==> flow/design.v <==
module u_shifter_v2 #(
  parameter int NBITS = 128,
  parameter int SEL_W = $clog2(NBITS)
) (
  input  logic clk,
  input  logic [NBITS-1:0] din_i,
  input  logic [SEL_W-1:0] by_i,
  output logic [NBITS-1:0] o_o
);
  logic [NBITS-1:0] r_din;
  logic [SEL_W-1:0] r_by;
  always_ff @(posedge clk) begin
    r_din <= din_i;
    r_by <= by_i;
  end
  wire [NBITS-1:0] lvl [0:SEL_W];
  assign lvl[0] = r_din;
  generate
    for (genvar i = 0; i < SEL_W; i++) begin : gen
      assign lvl[i+1] = r_by[i] ? (lvl[i] << (1 << i)) | (lvl[i] >> (NBITS - (1 << i))) : lvl[i];
    end
  endgenerate
  assign o_o = lvl[SEL_W];
endmodule
# Step by step through the tools: u_shifter_v2
# Tool output for the design above, in the order of the flow.
# Lines are those of the file above, counted from 1.
# Operators carry their Yosys type and port widths (W data, S select, Z words).
# Cell names lack the library's common part.
# The mark n/a stands for no value.
[inputs] design="u_shifter_v2" clock_port="clk" lib="sky130hd" corner="tt_025C_1v80"

# Word level
# Counts by Yosys on the flattened word-level netlist (proc, flatten, opt, wreduce). Print and check cells are left out. Cells with the same type and inputs are merged into one.
[word_totals] register_bits=135 clocked_rd_ports_x_width=0 romBits=0 wordCells=16 latch_bits=0 memories=0 ramBits=0 in_bits=136 output_inout_bits=128
[classes] n_div=0 reduce_logical=0 addsub=0 eq_ne=0 mul=0 bitwise=7 compare=0 shifts=0 n_mux=7
[op_table] cell="$mux W128" count=7
[op_table] cell="$or A128 B1 Y128" count=1
[op_table] cell="$or A128 B16 Y128" count=1
[op_table] cell="$or A128 B2 Y128" count=1
[op_table] cell="$or A128 B32 Y128" count=1
[op_table] cell="$or A128 B4 Y128" count=1
[op_table] cell="$or A128 B64 Y128" count=1
[op_table] cell="$or A128 B8 Y128" count=1

# Logic depth
# Depth = most cells in a row (Yosys ltp): at word level without a register or memory, in the mapped netlist without a sequential cell, where the memories' decode and read muxes count.
[depth] depth_word=14 ABC_AREA=0 mapped_depth=6 ltp_nobuf=4

# Mapped cells and area
# The flow's flattened synthesis, as Yosys stat reports it; memories are mapped. The netlist is that of the ABC_AREA named above (0 if unset); the other value can give another one.
# The area totals of this step are shown rounded.
[by_type] cell_type="mux4_2" count=384 area_total_um2=8.65E+03
[by_type] cell_type="dfxtp_1" count=135 area_total_um2=2.7E+03
[by_type] cell_type="mux2_2" count=128 area_total_um2=1.44E+03
[by_type] cell_type="clkbuf_1" count=74 area_total_um2=277.766
[by_type] cell_type="buf_12" count=10 area_total_um2=200.192
[by_type] cell_type="buf_6" count=4 area_total_um2=45.043
[by_type] cell_type="buf_1" count=9 area_total_um2=33.782
[by_type] cell_type="buf_2" count=1 area_total_um2=5.005
[mapped] buf_cells=98 seq_area_um2=2703 flip_flops=135 yosys_area_um2=13350 cells=745

# Path before layout
# Path of least setup slack by OpenSTA after synthesis, without wires, with an ideal clock, recovery checks aside; 20% of the period is set as input and as output delay. Where synthesis merged equal registers, the netlist keeps one of their names.
[synth_timing] path_kind="reg2out" start="register r_by[3]" end="output port o_o[67]" setup_slack_ps=656 launch_ps=0 clock_period_ps=4100 stages=7 out_delay_ps=820 path_delay_ps=2624 arrival_time_ps=2624 path_buffers=2 required_ps=3280 period_less_setup_slack_ps=3444
# "path_delay_ps" = arrival - input delay + setup time.
# A path that ends at an output port has no setup time.
# "stages": output pins that drive a net of the path, with the launching flip-flop's if there is one; two outputs of one cell count as two.
# "period_less_setup_slack_ps" = period - worst setup slack (recovery checks aside). The figure is calculated, with input and output delays left at 20% of the set period.
# The rows between start and end are the longest chain of elaborated cells between them; the timing report does not say that the signal goes this way. Where chains are equally long, one stands for them.
# A line is the first line of the expression or statement that the cell stems from. Yosys adds cells for indexed reads and writes and turns some case tables into memories.
[synth_via] cell_sequence="dfxtp_1 > clkbuf_1 > clkbuf_1 > mux4_2 > mux4_2 > mux4_2 > mux2_2" elab_chain_len=7 cells_between=7 lines_between=1 classes_between="4 x mux; 3 x logic"
[synth_lines] element="start, declared" line=11 text="logic [SEL_W-1:0] r_by;"
[synth_lines] element="start, assigned" line=14 text="r_by <= by_i;"
[synth_lines] element="$mux W128" line=20 text="assign lvl[i+1] = r_by[i] ? (lvl[i] << (1 << i)) | (lvl[i] >> (NBITS - (1 << i))) : lvl[i];"
[synth_lines] element="$or A128 B16 Y128" line=20
[synth_lines] element="$mux W128" line=20
[synth_lines] element="$or A128 B32 Y128" line=20
[synth_lines] element="$mux W128" line=20
[synth_lines] element="$or A128 B64 Y128" line=20
[synth_lines] element="$mux W128" line=20
[synth_lines] element="end, declared" line=8 text="output logic [NBITS-1:0] o_o"

# Worst path after layout
# From the final timing report of run 1: the path of least setup slack in the routed layout; clock arrival at registers is part of the times.
# The report prints the path's times to 10 ps; the period is as set.
[layout_timing] path_kind="reg2out" start="register r_by[0]" end="output port o_o[51]" launch_ps=430 arrival_time_ps=3550 required_ps=3450 path_buffers=6 clock_period_ps=4310 out_delay_ps=860 stages=11 setup_slack_ps=-100
# The rows between start and end are the longest chain of elaborated cells between them; the timing report does not say that the signal goes this way. Where chains are equally long, one stands for them.
[layout_via] cell_sequence="dfxtp_4 > buf_12 > buf_8 > buf_16 > mux4_2 > buf_6 > mux4_2 > mux4_2 > buf_6 > mux2_4 > buf_6" elab_chain_len=13 cells_between=13 lines_between=1 classes_between="7 x mux; 6 x logic"
[layout_lines] element="start, declared" line=11 text="logic [SEL_W-1:0] r_by;"
[layout_lines] element="start, assigned" line=14 text="r_by <= by_i;"
[layout_lines] element="$mux W128" line=20 text="assign lvl[i+1] = r_by[i] ? (lvl[i] << (1 << i)) | (lvl[i] >> (NBITS - (1 << i))) : lvl[i];"
[layout_lines] element="$or A128 B2 Y128" line=20
[layout_lines] element="$mux W128" line=20
[layout_lines] element="$or A128 B4 Y128" line=20
[layout_lines] element="$mux W128" line=20
[layout_lines] element="$or A128 B8 Y128" line=20
[layout_lines] element="$mux W128" line=20
[layout_lines] element="$or A128 B16 Y128" line=20
[layout_lines] element="$mux W128" line=20
[layout_lines] element="$or A128 B32 Y128" line=20
[layout_lines] element="$mux W128" line=20
[layout_lines] element="$or A128 B64 Y128" line=20
[layout_lines] element="$mux W128" line=20
[layout_lines] element="end, declared" line=8 text="output logic [NBITS-1:0] o_o"

# Flow runs of u_shifter_v2

Stored flow runs of u_shifter_v2 (3 of them; Yosys, OpenROAD, sky130hd). They differ in their settings and are not a sequence. Constraints: input delay and output delay 20% of the set period each, output load 0.01 pF.
"achieved clock period" = clock period - worst setup slack. The figure is calculated, with input and output delays left at 20% of the set period.
"worst setup path time" is the time allowed to the run's worst setup path (the clock period less input and output delay, where it has them) less its slack. Clock arrival times count: a late capture clock shortens it, a late launch clock lengthens it.
"power" rests on the timing tool's default activity at the inputs, not on a simulated workload.
"worst setup path time" is given in steps of 10 ps.
The measured numbers are rounded.
[run 1] settings: period_ns=4.31, CORE_UTILIZATION=47, PLACE_DENSITY_LB_ADDON=0.17, HOLD_SLACK_MARGIN=-0.01, CORE_MARGIN=10, CELL_PAD_IN_SITES_GLOBAL_PLACEMENT=1, CELL_PAD_IN_SITES_DETAIL_PLACEMENT=1, CTS_CLUSTER_SIZE=39, MAX_ROUTING_LAYER=met5, CAP_MARGIN=20, SLEW_MARGIN=20
[run 1] result: chip area after synthesis (Yosys) 13350 sq um, die area 35550 sq um, standard-cell area of the final layout 18260 sq um, utilization 0.654, worst setup slack after layout -102 ps, total negative slack -1491 ps, worst hold slack 836 ps, power 0.006244 W, achieved clock period 4412 ps, worst setup path time 3550 ps, worst setup path kind reg2out
[run 2] settings: period_ns=4.1, CAP_MARGIN=20, CORE_MARGIN=2, CORE_UTILIZATION=40, SLEW_MARGIN=20
[run 2] result: chip area after synthesis (Yosys) 13350 sq um, die area 34860 sq um, standard-cell area of the final layout 18470 sq um, utilization 0.565, worst setup slack after layout -231 ps, total negative slack -15950 ps, worst hold slack 816 ps, power 0.00647 W, achieved clock period 4331 ps, worst setup path time 3510 ps, worst setup path kind reg2out
[run 3] settings: period_ns=3.51, CORE_UTILIZATION=18, SETUP_SLACK_MARGIN=0.47, PLACE_DENSITY=0.9, HOLD_SLACK_MARGIN=0.13, ABC_AREA=0, GPL_ROUTABILITY_DRIVEN=0, CTS_CLUSTER_SIZE=18, SLEW_MARGIN=40, CAP_MARGIN=20, CORE_MARGIN=2
[run 3] result: chip area after synthesis (Yosys) 13350 sq um, die area 76380 sq um, standard-cell area of the final layout 19630 sq um, utilization 0.268, worst setup slack after layout -741 ps, total negative slack -81180 ps, worst hold slack 679 ps, power 0.00813 W, achieved clock period 4251 ps, worst setup path time 3550 ps, worst setup path kind reg2out
